==> flow/design.v <==
module mult #(
  parameter XLEN = 10,
  parameter WAYS = 5,
  parameter OUT_W = 2*XLEN + $clog2(WAYS)
) (
  input  aclk,
  input  reset,
  input  [WAYS*XLEN-1:0] lhs_i,
  input  [WAYS*XLEN-1:0] rhs_i,
  output [OUT_W-1:0] prod_o
);
  reg [WAYS*XLEN-1:0] lhs_d1;
  always @(posedge aclk or posedge reset) begin
    if (reset) begin
      lhs_d1 <= 0;
    end else begin
      lhs_d1 <= lhs_i;
    end
  end
  reg [WAYS*XLEN-1:0] rhs_d1;
  always @(posedge aclk or posedge reset) begin
    if (reset) begin
      rhs_d1 <= 0;
    end else begin
      rhs_d1 <= rhs_i;
    end
  end
  reg [OUT_W-1:0] tmp;
  integer k;
  always @* begin
    tmp = 0;
    for (k = 0; k < WAYS; k = k + 1)
      tmp = tmp + lhs_d1[k*XLEN +: XLEN] * rhs_d1[k*XLEN +: XLEN];
  end
  assign prod_o = tmp;
endmodule
Reports on mult
Tool output for the design above, in the order of the flow. Line numbers count from 1 in the design file above. Library cell names are shortened. The mark -- stands for no value.

Top: mult. Clock port: aclk. Library: sky130hd. Corner: tt_025C_1v80.

After elaboration
Source: Yosys, flattened and elaborated, memories not mapped. Widths are those after wreduce; folded enables and synchronous resets count as part of the registers. Registers that Yosys merges into a memory's read port (data or address) are not register bits. Print and check cells do not count. Equal cells are merged and count once.

Under register bits stands 100. The figure for word-level cells is 11. Under output and inout bits stands 23. The figure for bits of input ports is 102.

The figure for multipliers is 5. The entry for $add $sub $neg reads 4.

Operator list (count): multiplier 10 x 10 -> 20 bit (5); adder 22 x 20 -> 23 bit (1); adder 23 x 20 -> 23 bit (1); adder 21 x 20 -> 22 bit (1); adder 20 x 20 -> 21 bit (1).

Depth
Longest topological path by Yosys (ltp), each cell counted once; first at word level (registers and memories cut), then after technology mapping (sequential cells cut; the memories' decode and read muxes count).

Under depth in word-level cells stands 5. Under ABC_AREA stands 0. Gate-level depth with buffers: 26. The entry for gate-level depth less buffers reads 25.

After synthesis
Source: synth_stat.txt of the flow (Yosys; design flattened, memories mapped). It holds for the ABC_AREA given above (unset counts as 0); a run with the other value may have another netlist.

Cells by type: fa_1 (count 458, total area 9.17E+03 µm²); ha_1 (count 214, total area 2.68E+03 µm²); dfrtp_1 (count 100, total area 2502.4 µm²); inv_1 (count 575, total area 2158.32 µm²); and2_1 (count 311, total area 1.95E+03 µm²); nand2_1 (count 199, total area 746.966 µm²); clkbuf_1 (count 54, total area 202.694 µm²); xnor2_1 (count 11, total area 96.342 µm²); a21oi_1 (count 15, total area 75.072 µm²); xor2_1 (count 7, total area 61.309 µm²); a21o_1 (count 8, total area 60.058 µm²); a211oi_2 (count 4, total area 50.048 µm²); o21bai_1 (count 5, total area 37.536 µm²); nor2_1 (count 8, total area 30.029 µm²); o21ai_0 (count 5, total area 25.024 µm²); a211oi_1 (count 3, total area 22.522 µm²); o211ai_1 (count 3, total area 22.522 µm²); a31oi_4 (count 1, total area 21.27 µm²).

Not listed: further types 30, cells in them 44.

The entry for chip area (Yosys) reads 20238.2 µm². Under sequential part of the area stands 2502.4 µm². For mapped cells the number is 2025. Flip-flops: 100. Under buffers stands 58.

Path before layout
Path of least setup slack by OpenSTA after synthesis, without wires, with an ideal clock, recovery checks aside; 20% of the period is set as input and as output delay. Where synthesis merged equal registers, the netlist keeps one of their names.

Path type: reg2out. From: register rhs_d1[2]. To: output prod_o[18]. Delay of the path: 6.786 ns. The entry for launch time at the first pin reads 0.000 ns. Stages: 26. For period the number is 10.6 ns. Under buffers on the path stands 1. Arrival time: 6.786 ns. For external output delay the number is 2.120 ns. For data required time the number is 8.480 ns. For slack the number is 1.694 ns. The figure for synthesis period reached is 8.906 ns.

"delay of the path" is the arrival time less input delay plus setup time. At an output port there is no setup time. "stages": output pins that drive a net of the path, with the launching flip-flop's if there is one; two outputs of one cell count as two. "synthesis period reached" = period - worst setup slack (recovery checks aside). The figure is calculated, with input and output delays left at 20% of the set period. Between the ends stands the longest chain of elaborated cells between them, by number of cells; it is not shown to be the way that was timed. Of several equally long chains one is given. A line is the first line of the expression or statement that the cell stems from. Yosys adds cells for indexed reads and writes and turns some case tables into memories.

Path through: dfrtp_1 clkbuf_1 nand2_1 fa_1 inv_1 fa_1 inv_1 fa_1 inv_1 fa_1 inv_1 fa_1 inv_1 fa_1 fa_1 fa_1 inv_1 fa_1 inv_1 ha_1 nand3_2 nor4b_2 a21oi_2 a21oi_2 or2b_1 xor2_1. Length of the longest elaborated chain: 5. The entry for elaborated cells on any way between the ends reads 5. The entry for RTL lines with such cells reads 1. Those cells by class: add/sub: 4; mul: 1.

RTL lines, path after synthesis: start, declared (RTL line 20) `reg [WAYS*XLEN-1:0] rhs_d1;`; start, assigned (RTL line 23) `rhs_d1 <= 0;`; start, assigned (RTL line 25) `rhs_d1 <= rhs_i;`; multiplier 10 x 10 -> 20 bit (RTL line 33) `tmp = tmp + lhs_d1[k*XLEN +: XLEN] * rhs_d1[k*XLEN +: XLEN];`; adder 20 x 20 -> 21 bit (RTL line 33); adder 21 x 20 -> 22 bit (RTL line 33); adder 22 x 20 -> 23 bit (RTL line 33); adder 23 x 20 -> 23 bit (RTL line 33); end, declared (RTL line 10) `output [OUT_W-1:0] prod_o`.

Worst path after layout
From the final timing report of run 1: the path of least setup slack in the routed layout; clock arrival at registers is part of the times.

Path type: reg2out. From: register lhs_d1[45]. To: output prod_o[22]. For period the number is 10.6 ns. Under buffers on the path stands 1. Arrival time: 8.24 ns. Stages: 23. For external output delay the number is 2.12 ns. For slack the number is 0.24 ns. For data required time the number is 8.48 ns. The entry for launch time at the first pin reads 0.39 ns.

Between the ends stands the longest chain of elaborated cells between them, by number of cells; it is not shown to be the way that was timed. Of several equally long chains one is given.

Path through: dfrtp_1 and2_1 fa_1 fa_1 fa_1 inv_1 fa_1 inv_1 fa_1 fa_1 fa_1 fa_1 inv_1 fa_1 inv_1 ha_1 a21oi_1 o211ai_1 a21oi_2 a21oi_2 or2b_1 a211oi_2 clkdlybuf4s50_1. Length of the longest elaborated chain: 2. The entry for elaborated cells on any way between the ends reads 2. The entry for RTL lines with such cells reads 1. Those cells by class: add/sub: 1; mul: 1.

RTL lines, path post-layout: start, declared (RTL line 12) `reg [WAYS*XLEN-1:0] lhs_d1;`; start, assigned (RTL line 15) `lhs_d1 <= 0;`; start, assigned (RTL line 17) `lhs_d1 <= lhs_i;`; multiplier 10 x 10 -> 20 bit (RTL line 33) `tmp = tmp + lhs_d1[k*XLEN +: XLEN] * rhs_d1[k*XLEN +: XLEN];`; adder 23 x 20 -> 23 bit (RTL line 33); end, declared (RTL line 10) `output [OUT_W-1:0] prod_o`.

## Implementation results

Design mult on sky130hd. What follows are 3 stored runs of the flow, each under its own settings; their order means nothing. The constraints put input and output delay at 20% of the set period each and load the outputs with 0.01 pF. "clock period reached" is the run's clock period less its worst setup slack. It is reckoned from that one timing run; input and output delays stay at 20% of the period that was set. By "worst setup path time" is meant the share of the clock period that the worst setup path is allowed (20% is reserved at inputs, 20% at outputs), minus its slack. Clock arrival times at its registers enter into it.

Run 1 has these settings: period_ns 10.6; CAP_MARGIN 20; CORE_MARGIN 2; CORE_UTILIZATION 40; SLEW_MARGIN 20. The measured lowest setup slack is 0.243 ns. The post-route setup TNS is 0.000 ns. The worst setup path time reads 8.24 ns. Critical path type: reg2out. The utilization in the final report is 44.7 %. The post-synthesis cell area reads 20238.2 µm². The overall die area reads 52411.2 µm². The clock period reached stands at 10.357 ns. The standard-cell area after layout is 22397.7 µm².

Run 2 has these settings: period_ns 11.2; CORE_UTILIZATION 68; SETUP_SLACK_MARGIN 3.1; PLACE_DENSITY_LB_ADDON 0.23; CORE_ASPECT_RATIO 1.26; CORE_MARGIN 3; CELL_PAD_IN_SITES_GLOBAL_PLACEMENT 2; GPL_TIMING_DRIVEN 1; GPL_ROUTABILITY_DRIVEN 1; CTS_CLUSTER_SIZE 55; CAP_MARGIN 25; MAX_ROUTING_LAYER met5; SLEW_MARGIN 20. Outcome: incomplete, placement halted on FLW-0024.

Run 3 has these settings: period_ns 16.5; CORE_UTILIZATION 42; SETUP_SLACK_MARGIN 2.04; HOLD_SLACK_MARGIN 0.17; CELL_PAD_IN_SITES_GLOBAL_PLACEMENT 0; CELL_PAD_IN_SITES_DETAIL_PLACEMENT 2; ABC_AREA 0; GPL_TIMING_DRIVEN 0; GPL_ROUTABILITY_DRIVEN 0; CTS_CLUSTER_SIZE 85; MAX_ROUTING_LAYER met5; CAP_MARGIN 20; CORE_MARGIN 2; SLEW_MARGIN 20. The measured lowest setup slack is 4.031 ns. The post-route setup TNS is 0.000 ns. The worst setup path time reads 9.17 ns. Critical path type: reg2out. The utilization in the final report is 47.3 %. The post-synthesis cell area reads 20238.2 µm². The overall die area reads 49959.0 µm². The clock period reached stands at 12.469 ns. The standard-cell area after layout is 22559.1 µm².
